==> flow/design.v <==
module mux_mod #(
    parameter W = 64,
    parameter LANES = 12
) (
    input  i_clk,
    input  rstn,
    input  [LANES*W-1:0] i_ch,
    input  [LANES-1:0] i_s,
    output [W-1:0] o_res
);
    reg [LANES*W-1:0] ch_s;
    always @(posedge i_clk) begin
        if (~rstn) begin
            ch_s <= 0;
        end else begin
            ch_s <= i_ch;
        end
    end
    reg [LANES-1:0] s_s;
    always @(posedge i_clk) begin
        if (~rstn) begin
            s_s <= 0;
        end else begin
            s_s <= i_s;
        end
    end
    reg [W-1:0] tmp;
    integer t;
    always @(*) begin
        tmp = 0;
        for (t = LANES-1; t >= 0; t = t - 1)
            if (s_s[t]) tmp = ch_s[t*W +: W];
    end
    assign o_res = tmp;
endmodule
Tool chain data of mux_mod

Tool output for the design above, in the order of the flow.
Line numbers count from 1 in the design file above.
Library cell names are shortened.
Not given: --

Design top: mux_mod
Clock input: i_clk
Standard-cell library: sky130hd
Library corner: tt_025C_1v80

Word level

Yosys after proc, flatten, opt, wreduce and memory -nomap, before mapping. Enables and synchronous resets that opt folds into registers are not counted as muxes. Memory bits, and registers merged into a memory's read port (data or address), are not among the register bits. Print and check cells are not counted. Equal cells are merged and count once.

Register bits after elaboration: 780
Input bits: 782
Output and inout port bits: 64
Word-level cells: 14

Muxes and demuxes: 12

Operators by type and width:

| operator           | number |
| two-way mux 64 bit | 12 |

Depth

Depth = most cells in a row (Yosys ltp): at word level without a register or memory, in the mapped netlist without a sequential cell, where the memories' decode and read muxes count.

Depth in word-level cells: 12
ABC_AREA: 0
Gate-level depth with buffers: 7
Depth with buffers taken out: 4

Netlist

Source: synth_stat.txt of the flow (Yosys; design flattened, memories mapped). It holds for the ABC_AREA given above (unset counts as 0); a run with the other value may have another netlist.
Totals and module areas in this step are rounded.

Mapped cells: 3161
Synthesis area: 29900 sq um
Area of sequential cells: 15600 sq um
Mapped flip-flops: 780
Buffers: 248

Cell types:

| cell type | number | total area (sq um) |
| dfxtp_1   | 780    | 1.56E+04 |
| and2_1    | 780    | 4879.68 |
| nand2_1   | 322    | 1.21E+03 |
| a21oi_1   | 191    | 955.917 |
| a221oi_2  | 60     | 900.864 |
| inv_1     | 190    | 713.184 |
| a221o_1   | 62     | 620.595 |
| clkbuf_1  | 158    | 593.069 |
| a211o_1   | 62     | 543.021 |
| nand4b_1  | 62     | 543.021 |
| nor3b_1   | 66     | 495.475 |
| nor2b_1   | 67     | 419.152 |
| a22oi_1   | 55     | 412.896 |
| o31ai_1   | 44     | 330.317 |
| nand3_1   | 65     | 325.312 |
| buf_2     | 57     | 285.274 |
| o21ai_0   | 55     | 275.264 |
| o31ai_2   | 20     | 250.24 |

Not listed: further types 15, cells in them 65.

Worst setup path after synthesis

OpenSTA on the mapped netlist: ideal clock, no wires. The path of least setup slack (recovery checks aside). Input and output delay are each 20% of the period. Register names are those of the netlist, which keeps one name where synthesis merged equal registers.

Path kind: register -> output
From: register s_s[9]
To: output port o_res[42]
Period: 2120 ps
External output delay: 424 ps
Launch time at the first pin: 0 ps
Data arrival time: 1360 ps
Required time: 1696 ps
Path slack: 336 ps
Path delay: 1360 ps
Stages on the path: 8
Path buffers: 3
Synthesis period reached: 1784 ps

"path delay" = arrival - input delay + setup time.
At an output port there is no setup time.
"stages on the path": output pins that drive a net of the path, with the launching flip-flop's if there is one; two outputs of one cell count as two.
"synthesis period reached" = period - worst setup slack (recovery checks aside). The figure is calculated, with input and output delays left at 20% of the set period.
Between the ends stands the longest chain of elaborated cells between them, by number of cells; it is not shown to be the way that was timed. Of several equally long chains one is given.
A line is the first line of the expression or statement that the cell stems from. Yosys adds cells for indexed reads and writes and turns some case tables into memories.

Cell sequence: dfxtp_1 -> buf_6 -> buf_6 -> buf_6 -> nor3b_1 -> o31ai_2 -> nand4b_1 -> a22oi_1
Cells in the longest elaborated chain: 10
Elaborated cells on any way between the ends: 10
RTL lines with such cells: 1
Those cells by class: mux (10)

Ends and longest elaborated chain, post-synthesis:

| element                | RTL line | text |
| from (decl)            | 19       | `reg [LANES-1:0] s_s;` |
| from (assign)          | 22       | `s_s <= 0;` |
| from (assign)          | 24       | `s_s <= i_s;` |
| two-way mux 64 bit x10 | 32       | `if (s_s[t]) tmp = ch_s[t*W +: W];` |
| to (decl)              | 9        | `output [W-1:0] o_res` |

Path in the finished layout

Path of least setup slack in the final report of stored run 2 (OpenROAD, finished layout, wires in). Where an end is a register, its clock arrival counts in the times.
The path's times are printed in steps of 10 ps; the period is the one set.

Path kind: register -> output
From: register s_s[4]
To: output port o_res[43]
Period: 2060 ps
External output delay: 410 ps
Launch time at the first pin: 650 ps
Data arrival time: 2520 ps
Required time: 1650 ps
Path slack: -880 ps
Stages on the path: 9
Path buffers: 4

Between the ends stands the longest chain of elaborated cells between them, by number of cells; it is not shown to be the way that was timed. Of several equally long chains one is given.

Cell sequence: dfxtp_4 -> nor2b_4 -> buf_6 -> buf_12 -> clkbuf_16 -> a221oi_4 -> nand4b_1 -> a22oi_2 -> buf_2
Cells in the longest elaborated chain: 5
Elaborated cells on any way between the ends: 5
RTL lines with such cells: 1
Those cells by class: mux (5)

Ends and longest elaborated chain, post-layout:

| element               | RTL line | text |
| from (decl)           | 19       | `reg [LANES-1:0] s_s;` |
| from (assign)         | 22       | `s_s <= 0;` |
| from (assign)         | 24       | `s_s <= i_s;` |
| two-way mux 64 bit x5 | 32       | `if (s_s[t]) tmp = ch_s[t*W +: W];` |
| to (decl)             | 9        | `output [W-1:0] o_res` |

Data sheet: physical implementation of mux_mod

Flow measurements of mux_mod on sky130hd: 3 stored runs with different settings, listed in no order. Input and output delays are each 20% of the period that was set; the output load is 0.01 pF.
"period reached" means the clock period less the worst setup slack. The figure is calculated, with input and output delays left at 20% of the set period.
"power": no workload was simulated; the value follows from the tool's default switching activity.
Values from the reports are rounded here.
A setting shown as n/a is not set for that run.
Among the results, n/a means that no value is shown for the run.

| name                                     | stored run 1 | stored run 2 | stored run 3 |
| period_ns                                | 1.19         | 2.06         | 2.12         |
| CORE_UTILIZATION                         | 65           | 28           | 40           |
| SETUP_SLACK_MARGIN                       | 0.3          | n/a          | n/a          |
| PLACE_DENSITY_LB_ADDON                   | 0.22         | 0.17         | n/a          |
| ABC_AREA                                 | 0            | n/a          | n/a          |
| CAP_MARGIN                               | 15           | 20           | 20           |
| SLEW_MARGIN                              | 30           | 20           | 20           |
| CORE_MARGIN                              | 2            | 2            | 2            |
| CELL_PAD_IN_SITES_DETAIL_PLACEMENT       | n/a          | 2            | n/a          |
| TNS_END_PERCENT                          | n/a          | 5            | n/a          |
| GPL_TIMING_DRIVEN                        | n/a          | 1            | n/a          |
| GPL_ROUTABILITY_DRIVEN                   | n/a          | 0            | n/a          |
| CTS_CLUSTER_SIZE                         | n/a          | 78           | n/a          |
| MIN_ROUTING_LAYER                        | n/a          | met1         | n/a          |
| period reached (ps)                      | n/a          | 2935         | 2865         |
| area of the synthesized netlist (sq um)  | n/a          | 29900        | 29900        |
| worst setup slack after layout (ps)      | n/a          | -875         | -745         |
| full die area (sq um)                    | n/a          | 109000       | 76900        |
| power (mW)                               | n/a          | 39.5         | 36.6         |
| standard-cell area after routing (sq um) | n/a          | 45500        | 45500        |

Stored run 1: no results, placement failed with PPL-0024
